==> flow/design.v <==
module mux2 #(parameter N = 1) (
    input wire [N-1:0] a,
    input wire [N-1:0] b,
    input wire s,
    output wire [N-1:0] y
);
    assign y = s ? b : a;
endmodule
module data_mux_n (i_clk, aresetn, in_in, idx_in, res_out);
    parameter integer BITS = 3;
    parameter integer LANES = 4;
    localparam integer SEL_WIDTH = $clog2(LANES);
    input i_clk;
    input aresetn;
    input [LANES*BITS-1:0] in_in;
    input [SEL_WIDTH-1:0] idx_in;
    output [BITS-1:0] res_out;
    reg [LANES*BITS-1:0] in_d1;
    reg [SEL_WIDTH-1:0] idx_d1;
    always @(posedge i_clk or negedge aresetn) begin
        if (~aresetn) begin
            in_d1 <= 0;
            idx_d1 <= 0;
        end else begin
            in_d1 <= in_in;
            idx_d1 <= idx_in;
        end
    end
    wire [BITS-1:0] tree [1:2*LANES-1];
    genvar k;
    generate
        for (k = 0; k < LANES; k = k + 1) begin : u_g
            assign tree[LANES+k] = in_d1[k*BITS +: BITS];
        end
        for (k = 1; k < LANES; k = k + 1) begin : stage
            mux2 #(.N(BITS)) i_sub (.a(tree[2*k]), .b(tree[2*k+1]), .s(idx_d1[SEL_WIDTH - $clog2(k+1)]), .y(tree[k]));
        end
    endgenerate
    assign res_out = tree[1];
endmodule
# From RTL to reports: data_mux_n
# Tool output for the members of one design family, told apart by "LANES", in the order of the flow.
# The file above is the member LANES = 4. Line numbers count from 1 in each member's own file.
# Operators: Yosys type, input widths -> output width; for muxes data width and select width s.
# Cell names lack the library's common part.
# Not given: n/a
# inputs
top_module	data_mux_n
clock	i_clk
library	sky130hd
lib_corner	tt_025C_1v80

# Source of the members
# New or changed lines of each further member against the RTL above, in its own file; lines it lacks are not shown.
# src_changes
LANES	line	rtl
8	11	parameter integer LANES = 8;
16	11	parameter integer LANES = 16;
32	11	parameter integer LANES = 32;
64	11	parameter integer LANES = 64;

# Word level
# Source: Yosys, flattened and elaborated. Widths are those after wreduce; folded enables and synchronous resets count as part of the registers. Registers that Yosys merges into a memory's read port (data or address) are not register bits. Print and check cells do not count. Equal cells are merged and count once.
# op_classes
LANES	muxes
4	3
8	7
16	15
32	31
64	63
# ops
LANES	operators
4	3 x $mux 3
8	7 x $mux 3
16	15 x $mux 3
32	31 x $mux 3
64	63 x $mux 3
# bits
LANES	register_bits	word_cells	input_bits
4	14	5	16
8	27	9	29
16	52	17	54
32	101	33	103
64	198	65	200

# Logic depth
# Yosys ltp: most cells in a row. Word level: on the elaborated netlist, between registers, memories and ports. Mapped: between sequential cells and ports; inverters and the memories' decode and read muxes count.
# logic_depth
LANES	depth_word	ABC_AREA	depth_mapped	ltp_nobuf
4	2	0	1	1
8	3	0	3	2
16	4	0	4	3
32	5	0	5	3
64	6	0	9	5

# Synthesis result
# Yosys stat after the flow's synthesis: flattened, memories mapped to cells. It holds for the ABC_AREA given above (unset counts as 0); a run with the other value may have another netlist.
# types
LANES	type_list
4	14 x dfrtp_1; 3 x mux4_1
8	27 x dfrtp_1; 6 x mux4_1; 3 x mux2_2; 1 x buf_6
16	52 x dfrtp_1; 8 x mux4_1; 4 x mux4_2; 6 x nand3_1; 2 x a22oi_1; 1 x a22oi_2; 2 x nor2b_1; 1 x buf_6; 3 x nand2_1; 1 x clkbuf_1; 1 x nor2_1
32	101 x dfrtp_1; 30 x mux4_2; 3 x mux2_2; 2 x buf_6; 3 x clkbuf_1; 1 x buf_4; 1 x buf_1
64	198 x dfrtp_1; 37 x mux4_2; 10 x mux4_1; 10 x mux2i_1; 6 x nand2b_1; 7 x buf_2; 4 x o221ai_1; 5 x nor2b_1; 5 x o22ai_1; 3 x a211oi_1; 2 x buf_6; 4 x a21oi_1; 1 x buf_12; 4 x nand3_1; 2 x o41ai_1; 2 x buf_4; 4 x nand2_1; 2 x o21a_1; (+16)
# A list marked (+n) leaves out that many cells.
# synth_totals
LANES	synth_area_um2	flip_flops	cell_count	sequential_area_um2
4	429.2	14	17	350.3
8	878.3	27	37	675.6
16	1701.6	52	81	1301.2
32	3281.9	101	141	2527.4
64	6580.1	198	322	4954.8
# By module: a second synthesis without flattening, with its own total; a netlist apart from the flattened one above.
# unflattened
LANES	cells_unflattened	area_unflattened_um2
4	23	451.7
8	48	912.1
16	97	1808.0
32	194	3574.7
64	387	7083.0

# Timing after synthesis
# OpenSTA on the mapped netlist: ideal clock, no wires. The path of least setup slack (recovery checks aside). Input and output delay are each 20% of the period. Register names are those of the netlist, which keeps one name where synthesis merged equal registers.
# synth_timing
LANES	path_type	start	end	tclk_ns	delay_ns	slack_ns	driving_pins	synth_period_reached_ns
4	register -> output	register idx_d1[0]	output res_out[0]	1.53	0.980	0.244	2	1.286
8	register -> output	register idx_d1[0]	output res_out[0]	1.96	1.255	0.313	4	1.647
16	register -> output	register idx_d1[0]	output res_out[0]	2.09	1.337	0.335	5	1.755
32	register -> output	register idx_d1[2]	output res_out[0]	3.04	1.948	0.484	6	2.556
64	register -> output	register idx_d1[0]	output res_out[0]	2.77	1.772	0.444	7	2.326
# "delay_ns" is the arrival time less input delay plus setup time.
# A path that ends at an output port has no setup time.
# "driving_pins": output pins that drive a net of the path, with the launching flip-flop's if there is one; two outputs of one cell count as two.
# "synth_period_reached_ns" is the clock period less the worst setup slack; recovery checks do not enter. This is arithmetic on one report: input and output delays are still those of the set period (20% each).
# Between the ends stands the longest chain of elaborated cells between them, by number of cells; it is not shown to be the way that was timed. Of several equally long chains one is given.
# Each line given opens the expression or statement behind the cell; cells for indexed reads and writes are added by Yosys, which also makes memories of some case tables.
# synth_via_LANES_4
elab_chain_cells	2
# synth_rtl_LANES_4
element	line	rtl
start: declaration	19	reg [SEL_WIDTH-1:0] idx_d1;
start: assignment	23	idx_d1 <= 0;
start: assignment	26	idx_d1 <= idx_in;
$mux 3 x2	7	assign y = s ? b : a;
end: declaration	17	output [BITS-1:0] res_out;
# synth_via_LANES_64
elab_chain_cells	6
# synth_rtl_LANES_64
element	line	rtl
start: declaration	19	reg [SEL_WIDTH-1:0] idx_d1;
start: assignment	23	idx_d1 <= 0;
start: assignment	26	idx_d1 <= idx_in;
$mux 3 x6	7	assign y = s ? b : a;
end: declaration	17	output [BITS-1:0] res_out;

# Path in the finished layout
# From the final timing report of the run of each member: the path of least setup slack in the routed layout; clock arrival at registers is part of the times.
# layout_timing
LANES	path_type	start	end	arrival_ns	n_path_buf	slack_ns	tclk_ns	driving_pins
4	register -> output	register idx_d1[0]	output res_out[0]	1.40	2	-0.18	1.53	4
8	register -> output	register idx_d1[0]	output res_out[1]	1.73	2	-0.17	1.96	5
16	register -> output	register idx_d1[0]	output res_out[2]	1.81	3	-0.14	2.09	7
32	register -> output	register idx_d1[0]	output res_out[2]	2.43	4	0.00	3.04	8
64	register -> output	register idx_d1[0]	output res_out[0]	2.44	2	-0.23	2.77	7

# Flow runs
# Settings and results of one run of the flow (Yosys, OpenROAD) for each member follow. The constraints put input and output delay at 20% of the set period each and load the outputs with 0.01 pF.
# settings
CAP_MARGIN	20
CORE_MARGIN	2
CORE_UTILIZATION	40
SLEW_MARGIN	20
# settings_diff
LANES	period_ns
4	1.53
8	1.96
16	2.09
32	3.04
64	2.77
# results
LANES	final_setup_tns_ns	final_stdcell_area_um2	worst_setup_slack_ns	dieArea_um2	achieved_clock_period_ns	fin_util_frac	synth_chip_area_um2	power_uw
4	-0.495	654.4	-0.177	1350.9	1.707	0.679	429.2	628.4
8	-0.483	1260.0	-0.167	2586.7	2.127	0.623	878.3	956.3
16	-0.368	2452.3	-0.140	4792.1	2.230	0.604	1701.6	1843
32	0.000	4823.4	0.004	8945.4	3.036	0.596	3281.9	2633
64	-0.597	9748.1	-0.228	17492.7	2.998	0.609	6580.1	6169
# By "achieved_clock_period_ns" is meant the clock period of the run minus its worst setup slack. This is arithmetic on one report: input and output delays are still those of the set period (20% each).
# "power_uw" rests on the timing tool's default activity at the inputs, not on a simulated workload.
